==> flow/design.v <==
module ex_addsub_n #(
    parameter integer WD = 64
) (
    input core_clk,
    input rst_n,
    input [WD-1:0] da_in,
    input [WD-1:0] db_in,
    output [WD:0] s_out,
    output [WD:0] result_out
);
    reg [WD-1:0] da_ff;
    reg [WD-1:0] db_ff;
    always @(posedge core_clk or negedge rst_n) begin
        if (!rst_n) begin
            da_ff <= 0;
            db_ff <= 0;
        end else begin
            da_ff <= da_in;
            db_ff <= db_in;
        end
    end
    assign s_out = da_ff + db_ff;
    assign result_out = da_ff - db_ff;
endmodule
Tool chain data of ex_addsub_n
Tool output for the design above, in the order of the flow.
Line numbers count from 1 in the design file above.
Library cell names are shortened.
{ "setup": {"top_module": "ex_addsub_n", "clk_port": "core_clk", "cell_library": "sky130hd", "corner": "tt_025C_1v80"} }

After elaboration
Yosys after proc, flatten, opt, wreduce and memory -nomap, before mapping. Enables and synchronous resets that opt folds into registers are not counted as muxes. Memory bits, and registers merged into a memory's read port (data or address), are not among the register bits. Print and check cells are not counted. Equal cells are merged and count once.
{ "word_totals": {"register_bits": 128, "inputBits": 130, "output_inout_bits": 130} }
{ "classes": {"n_addsub": 2} }
{ "ops": {"columns": ["cell", "count"], "rows": [
  ["64-bit by 64-bit adder with 65-bit output", 1],
  ["64-bit by 64-bit subtractor with 65-bit output", 1]
]} }

Logic depth
Yosys ltp: most cells in a row. Word level: on the elaborated netlist, between registers, memories and ports. Mapped: between sequential cells and ports; inverters and the memories' decode and read muxes count.
{ "logic_depth": {"word_depth": 1, "ABC_AREA": 1, "mapped_depth": 17} }

Synthesis result
The flow's flattened synthesis, as Yosys stat reports it; memories are mapped. The netlist is that of the ABC_AREA named above (0 if unset); the other value can give another one.
Totals and module areas in this step are rounded.
{ "mapped": {"mapped_area_um2": 16000, "buf_cells": 57, "cells": 2700, "seqArea_um2": 3200, "ffs": 128} }
{ "by_type": {"columns": ["cell", "count", "area_total_um2"], "rows": [
  ["nand2_1", 1005, 3.77E+03],
  ["dfrtp_1", 128, 3.2E+03],
  ["inv_1", 575, 2158.32],
  ["ha_1", 128, 1.6E+03],
  ["a21oi_1", 119, 595.571],
  ["xor2_1", 64, 560.538],
  ["nor2_1", 148, 555.533],
  ["nor2_2", 77, 481.712],
  ["nand3_1", 92, 460.442],
  ["buf_6", 33, 371.606],
  ["nor2_4", 30, 337.824],
  ["inv_2", 74, 277.766],
  ["nand2_2", 41, 256.496],
  ["o21ai_0", 34, 170.163],
  ["nand4_1", 26, 162.656],
  ["buf_4", 19, 142.637],
  ["nand3_2", 13, 130.125],
  ["o21bai_1", 15, 112.608]
]} }
Other cell types: 21; their cells: 79.

Worst setup path after synthesis
Path of least setup slack by OpenSTA after synthesis, without wires, with an ideal clock, recovery checks aside; 20% of the period is set as input and as output delay. Where synthesis merged equal registers, the netlist keeps one of their names.
{ "synth_timing": {"path_type": "flip-flop to output port", "startpoint": "register da_ff[0]", "endpoint": "output port result_out[32]", "arrival_ns": 1.926, "period_ns": 4.46, "path_buffers": 0, "t_first_pin_ns": 0.000, "stages": 14, "required_time_ns": 3.568, "path_slack_ns": 1.642, "delay_ns": 1.926, "period_less_setup_slack_ns": 2.818} }
"delay_ns" is the arrival time less input delay plus setup time.
A path that ends at an output port has no setup time.
"stages" counts driving pins, that of a launching flip-flop among them; a cell with two outputs on the path counts twice.
"period_less_setup_slack_ns" is the clock period less the worst setup slack; recovery checks do not enter. This is arithmetic on one report: input and output delays are still those of the set period (20% each).
The rows between start and end are the longest chain of elaborated cells between them; the timing report does not say that the signal goes this way. Where chains are equally long, one stands for them.
A line is the first line of the expression or statement that the cell stems from. Yosys adds cells for indexed reads and writes and turns some case tables into memories.
{ "synth_via": {"cell_sequence": "dfrtp_1 > inv_1 > ha_1 > fa_1 > inv_1 > nand3_1 > nand2_4 > nand2_2 > nand2_2 > nand3_1 > nand2_1 > nand3_1 > nand2_1 > xor2_1", "elab_chain_cells": 1} }
{ "synth_lines": {"columns": ["element", "line", "text"], "rows": [
  ["start: declaration", 11, "reg [WD-1:0] da_ff;"],
  ["start: assignment", 15, "da_ff <= 0;"],
  ["start: assignment", 18, "da_ff <= da_in;"],
  ["64-bit by 64-bit subtractor with 65-bit output", 23, "assign result_out = da_ff - db_ff;"],
  ["end: declaration", 9, "output [WD:0] result_out"]
]} }

Timing after layout
From the final timing report of flow run 1: the path of least setup slack in the routed layout; clock arrival at registers is part of the times.
{ "layout_timing": {"path_type": "flip-flop to output port", "startpoint": "register db_ff[45]", "endpoint": "output port s_out[59]", "path_slack_ns": 0.40, "path_buffers": 2, "t_first_pin_ns": 0.47, "required_time_ns": 3.61, "arrival_ns": 3.21, "stages": 16, "period_ns": 4.51} }
The rows between start and end are the longest chain of elaborated cells between them; the timing report does not say that the signal goes this way. Where chains are equally long, one stands for them.
{ "layout_via": {"cell_sequence": "dfrtp_1 > inv_1 > ha_2 > buf_4 > nor2_4 > inv_2 > nor2_4 > inv_2 > nor2_4 > nand2_2 > nor2_1 > nand2_2 > nand2_1 > nand2_1 > nand2_1 > clkdlybuf4s50_1", "elab_chain_cells": 1} }
{ "layout_lines": {"columns": ["element", "line", "text"], "rows": [
  ["start: declaration", 12, "reg [WD-1:0] db_ff;"],
  ["start: assignment", 16, "db_ff <= 0;"],
  ["start: assignment", 19, "db_ff <= db_in;"],
  ["64-bit by 64-bit adder with 65-bit output", 22, "assign s_out = da_ff + db_ff;"],
  ["end: declaration", 8, "output [WD:0] s_out,"]
]} }

Memo
Re: implementation data of ex_addsub_n

Settings and measured results of 3 stored flow runs for module ex_addsub_n (sky130hd), not sorted in any way. The constraints put input and output delay at 20% of the set period each and load the outputs with 0.01 pF.
By "period achieved" is meant the clock period of the run minus its worst setup slack. This is arithmetic on one report: input and output delays are still those of the set period (20% each).
"worst path time" means the part of the period allowed to the worst setup path (the constraints hold back 20% at inputs and 20% at outputs) less its slack; where the path has registers, the arrival times of their clocks count too.
The measured numbers are rounded.

==> flow run 1: settings <==
{ "period_ns": 4.51, "CORE_UTILIZATION": 25, "SETUP_SLACK_MARGIN": 0.33, "PLACE_DENSITY_LB_ADDON": 0.07, "CELL_PAD_IN_SITES_GLOBAL_PLACEMENT": 3, "ABC_AREA": 1, "GPL_TIMING_DRIVEN": 1, "GPL_ROUTABILITY_DRIVEN": 0, "CTS_CLUSTER_SIZE": 18, "CAP_MARGIN": 40, "MAX_ROUTING_LAYER": "met5", "CORE_MARGIN": 2, "SLEW_MARGIN": 20 }
==> flow run 1: results <==
smallest setup slack: 0.402 ns
overall die area: 65,900 sq um
post-synthesis cell area: 16,000 sq um
period achieved: 4.108 ns
utilization: 0.331
worst path time: 3.21 ns
type of the worst setup path: flip-flop to output port
post-route setup TNS: 0.000 ns

==> flow run 2: settings <==
{ "period_ns": 4.46, "CAP_MARGIN": 20, "CORE_MARGIN": 2, "CORE_UTILIZATION": 40, "SLEW_MARGIN": 20 }
==> flow run 2: results <==
smallest setup slack: -0.111 ns
overall die area: 30,100 sq um
post-synthesis cell area: 11,500 sq um
period achieved: 4.571 ns
utilization: 0.631
worst path time: 3.68 ns
type of the worst setup path: flip-flop to output port
post-route setup TNS: -0.252 ns

==> flow run 3: settings <==
{ "period_ns": 4.78, "CORE_UTILIZATION": 30, "SETUP_SLACK_MARGIN": 0.4, "PLACE_DENSITY_LB_ADDON": 0.05, "CORE_ASPECT_RATIO": 1.38, "CORE_MARGIN": 9, "TNS_END_PERCENT": 20, "CTS_CLUSTER_SIZE": 21, "CAP_MARGIN": 25, "SLEW_MARGIN": 35 }
==> flow run 3: results <==
smallest setup slack: 0.169 ns
overall die area: 45,700 sq um
post-synthesis cell area: 11,500 sq um
period achieved: 4.611 ns
utilization: 0.468
worst path time: 3.66 ns
type of the worst setup path: flip-flop to output port
post-route setup TNS: 0.000 ns
